==> flow/design.v <==
module gen_order #(
  parameter integer W = 112
) (
  input logic i_clk,
  input logic RSTN,
  input logic [W-1:0] src1_i,
  input logic [W-1:0] src2_i,
  output logic is_gt_o,
  output logic is_lt_o
);
  logic [W-1:0] src1_ff;
  always_ff @(posedge i_clk or negedge RSTN) begin
    if (!RSTN) begin
      src1_ff <= '0;
    end else begin
      src1_ff <= src1_i;
    end
  end
  logic [W-1:0] src2_ff;
  always_ff @(posedge i_clk or negedge RSTN) begin
    if (!RSTN) begin
      src2_ff <= '0;
    end else begin
      src2_ff <= src2_i;
    end
  end
  logic g;
  logic l;
  always_comb begin
    g = 1'b0;
    l = 1'b0;
    for (int idx = W-1; idx >= 0; idx = idx - 1) begin
      if (!g && !l) begin
        g = src1_ff[idx] & ~src2_ff[idx];
        l = ~src1_ff[idx] & src2_ff[idx];
      end
    end
  end
  assign is_gt_o = g;
  assign is_lt_o = l;
endmodule
# Reports on gen_order
# Tool output for the design above, in the order of the flow.
# Line numbers count from 1 in the design file above.
# Operators: Yosys type, input widths -> output width; for muxes data width and select width s.
# Library cell names are shortened.
# A cell with - has no value.
# inputs
top_module	gen_order
clk_port	i_clk
library	sky130hd
lib_corner	tt_025C_1v80

# Word-level counts
# Counts by Yosys on the flattened word-level netlist (proc, flatten, opt, wreduce; memories kept). Register bits leave out memories and registers merged into their read ports (data or address); mux counts leave out enables and synchronous resets folded into registers. Print and check cells are left out. Cells with the same type and inputs are merged into one.
# word_totals
out_inout_bits	2
inputBits	226
elab_cells	1005
ff_bits	224
# classes
bitwise	448
n_reduce_logical	333
n_mux	222
# op_table
op	count
$and 1x1->1	224
$not 1->1	224
$logic_not 1->1	222
$mux 1	222
$logic_and 1x1->1	111

# Logic depth
# Yosys ltp: most cells in a row. Word level: on the elaborated netlist, between registers, memories and ports. Mapped: between sequential cells and ports; inverters and the memories' decode and read muxes count.
# logic_depth
ltp_word	335
abc_area	0
ltp_mapped	10

# Mapped cells and area
# Source: synth_stat.txt of the flow (Yosys; design flattened, memories mapped). It holds for the ABC_AREA given above (unset counts as 0); a run with the other value may have another netlist.
# The area totals of this step are shown rounded.
# types
cell_type	count	area_total_um2
dfrtp_1	224	5.61E+03
maj3_1	91	910.874
nor2b_1	57	356.592
nand2b_1	47	294.032
inv_1	69	258.998
a21oi_1	34	170.163
maj3_2	12	135.13
o21ai_0	25	125.12
a21o_1	8	60.058
o21bai_1	7	52.55
o21a_1	6	45.043
a211oi_1	4	30.029
a21boi_0	4	30.029
o21ai_1	6	30.029
a31oi_1	4	25.024
ha_1	2	25.024
o31ai_1	3	22.522
nand2_1	5	18.768
# Not listed: further types 30, cells in them 42.
# synth_totals
mapped_cells	650
ff_cells	224
seq_area_um2	5610
n_buf	0
synth_area_um2	8540

# Path before layout
# Path of least setup slack by OpenSTA after synthesis, without wires, with an ideal clock, recovery checks aside; 20% of the period is set as input and as output delay. Where synthesis merged equal registers, the netlist keeps one of their names.
# synth_path
path_type	register to output
from	reg src1_ff[90]
to	out is_lt_o
required_time_ns	3.104
path_delay_ns	2.486
output_delay_ns	0.776
n_path_buf	0
path_stages	10
arrival_ns	2.486
path_slack_ns	0.618
tclk_ns	3.88
period_less_setup_slack_ns	3.262
# "path_delay_ns" is the arrival time less input delay plus setup time.
# A path that ends at an output port has no setup time.
# "path_stages" counts driving pins, that of a launching flip-flop among them; a cell with two outputs on the path counts twice.
# "period_less_setup_slack_ns" = period - worst setup slack (recovery checks aside). The figure is calculated, with input and output delays left at 20% of the set period.
# Between the ends stands the longest chain of elaborated cells between them, by number of cells; it is not shown to be the way that was timed. Of several equally long chains one is given.
# A line is the first line of the expression or statement that the cell stems from. Yosys adds cells for indexed reads and writes and turns some case tables into memories.
# synth_between
cell_sequence	dfrtp_1 nand2b_1 maj3_2 maj3_2 o21ai_4 o21ai_1 or3b_1 a311o_1 a221oi_2 a211o_1
elab_chain_len	273
# synth_lines
item	line_no	rtl
start, declared	11	logic [W-1:0] src1_ff;
start, assigned	14	src1_ff <= '0;
start, assigned	16	src1_ff <= src1_i;
$not 1->1	35	l = ~src1_ff[idx] & src2_ff[idx];
$and 1x1->1	35
$mux 1	33	if (!g && !l) begin
$logic_not 1->1	33
$logic_and 1x1->1	33
$mux 1	33
$logic_not 1->1	33
(+259 left out)	-
$mux 1	33
$logic_not 1->1	33
$logic_and 1x1->1	33
$mux 1	33
$logic_not 1->1	33
$logic_and 1x1->1	33
$mux 1	33
end, declared	9	output logic is_lt_o

# Worst path after layout
# Path of least setup slack in the final report of flow run A (OpenROAD, finished layout, wires in). Where an end is a register, its clock arrival counts in the times.
# layout_path
path_type	register to output
from	reg src1_ff[90]
to	out is_lt_o
path_stages	11
tclk_ns	3.88
arrival_ns	3.17
output_delay_ns	0.78
path_slack_ns	-0.07
n_path_buf	1
required_time_ns	3.10
# Between the ends stands the longest chain of elaborated cells between them, by number of cells; it is not shown to be the way that was timed. Of several equally long chains one is given.
# layout_between
cell_sequence	dfrtp_1 nand2b_4 maj3_2 maj3_2 o21ai_4 o21ai_2 or3b_1 a311o_1 a221oi_2 a211o_1 buf_6
elab_chain_len	273
# layout_lines
item	line_no	rtl
start, declared	11	logic [W-1:0] src1_ff;
start, assigned	14	src1_ff <= '0;
start, assigned	16	src1_ff <= src1_i;
$not 1->1	35	l = ~src1_ff[idx] & src2_ff[idx];
$and 1x1->1	35
$mux 1	33	if (!g && !l) begin
$logic_not 1->1	33
$logic_and 1x1->1	33
$mux 1	33
$logic_not 1->1	33
(+259 left out)	-
$mux 1	33
$logic_not 1->1	33
$logic_and 1x1->1	33
$mux 1	33
$logic_not 1->1	33
$logic_and 1x1->1	33
$mux 1	33
end, declared	9	output logic is_lt_o

# Measured results for gen_order: 3 stored runs of the Yosys and OpenROAD flow on sky130hd. The settings differ; the order carries no meaning. The constraints put input and output delay at 20% of the set period each and load the outputs with 0.01 pF.
# "timing.achieved_period_ns": clock period set for the run, less the worst setup slack. It is reckoned from that one timing run; input and output delays stay at 20% of the period that was set.
# "worst_path_ns" = time allowed to the worst setup path (clock period - input delay - output delay, where it has them) - its slack; a late launch clock adds to it, a late capture clock takes from it.
# "power_total_mw" is the tool's figure for a default switching activity; nothing was simulated.
# Values from the reports are rounded here.
# Settings: n/a = not set for that run.
# A result given as n/a is not shown for that run.
run name	period_ns	CAP_MARGIN	CORE_MARGIN	CORE_UTILIZATION	SLEW_MARGIN	PLACE_DENSITY_LB_ADDON	CORE_ASPECT_RATIO	CELL_PAD_IN_SITES_GLOBAL_PLACEMENT	TNS_END_PERCENT	ABC_AREA	GPL_ROUTABILITY_DRIVEN	CTS_CLUSTER_DIAMETER	PLACE_DENSITY	HOLD_SLACK_MARGIN	GPL_TIMING_DRIVEN	MAX_ROUTING_LAYER	yosys_chip_area_um2	design.die.area_um2	final_stdcell_area_um2	utilization_pct	worstSetupSlack_ns	fin_tns_ns	power_total_mw	timing.achieved_period_ns	worst_path_ns	timing.worst_path_kind
flow run A	3.88	20	2	40	20	n/a	n/a	n/a	n/a	n/a	n/a	n/a	n/a	n/a	n/a	n/a	8540	22500	12300	58.5	-0.066	-0.110	5.62	3.946	3.17	register to output
flow run B	2.67	20	2	48	20	0.19	0.7	3	80	1	1	282	n/a	n/a	n/a	n/a	n/a	n/a	n/a	n/a	n/a	n/a	n/a	n/a	n/a	n/a
flow run C	3.61	20	2	59	20	n/a	1.24	n/a	n/a	0	n/a	261	0.92	0.05	0	met4	8540	15500	12000	85.1	-0.317	-0.630	5.80	3.927	3.20	register to output
# Flow run B: unfinished; error FLW-0024 in placement
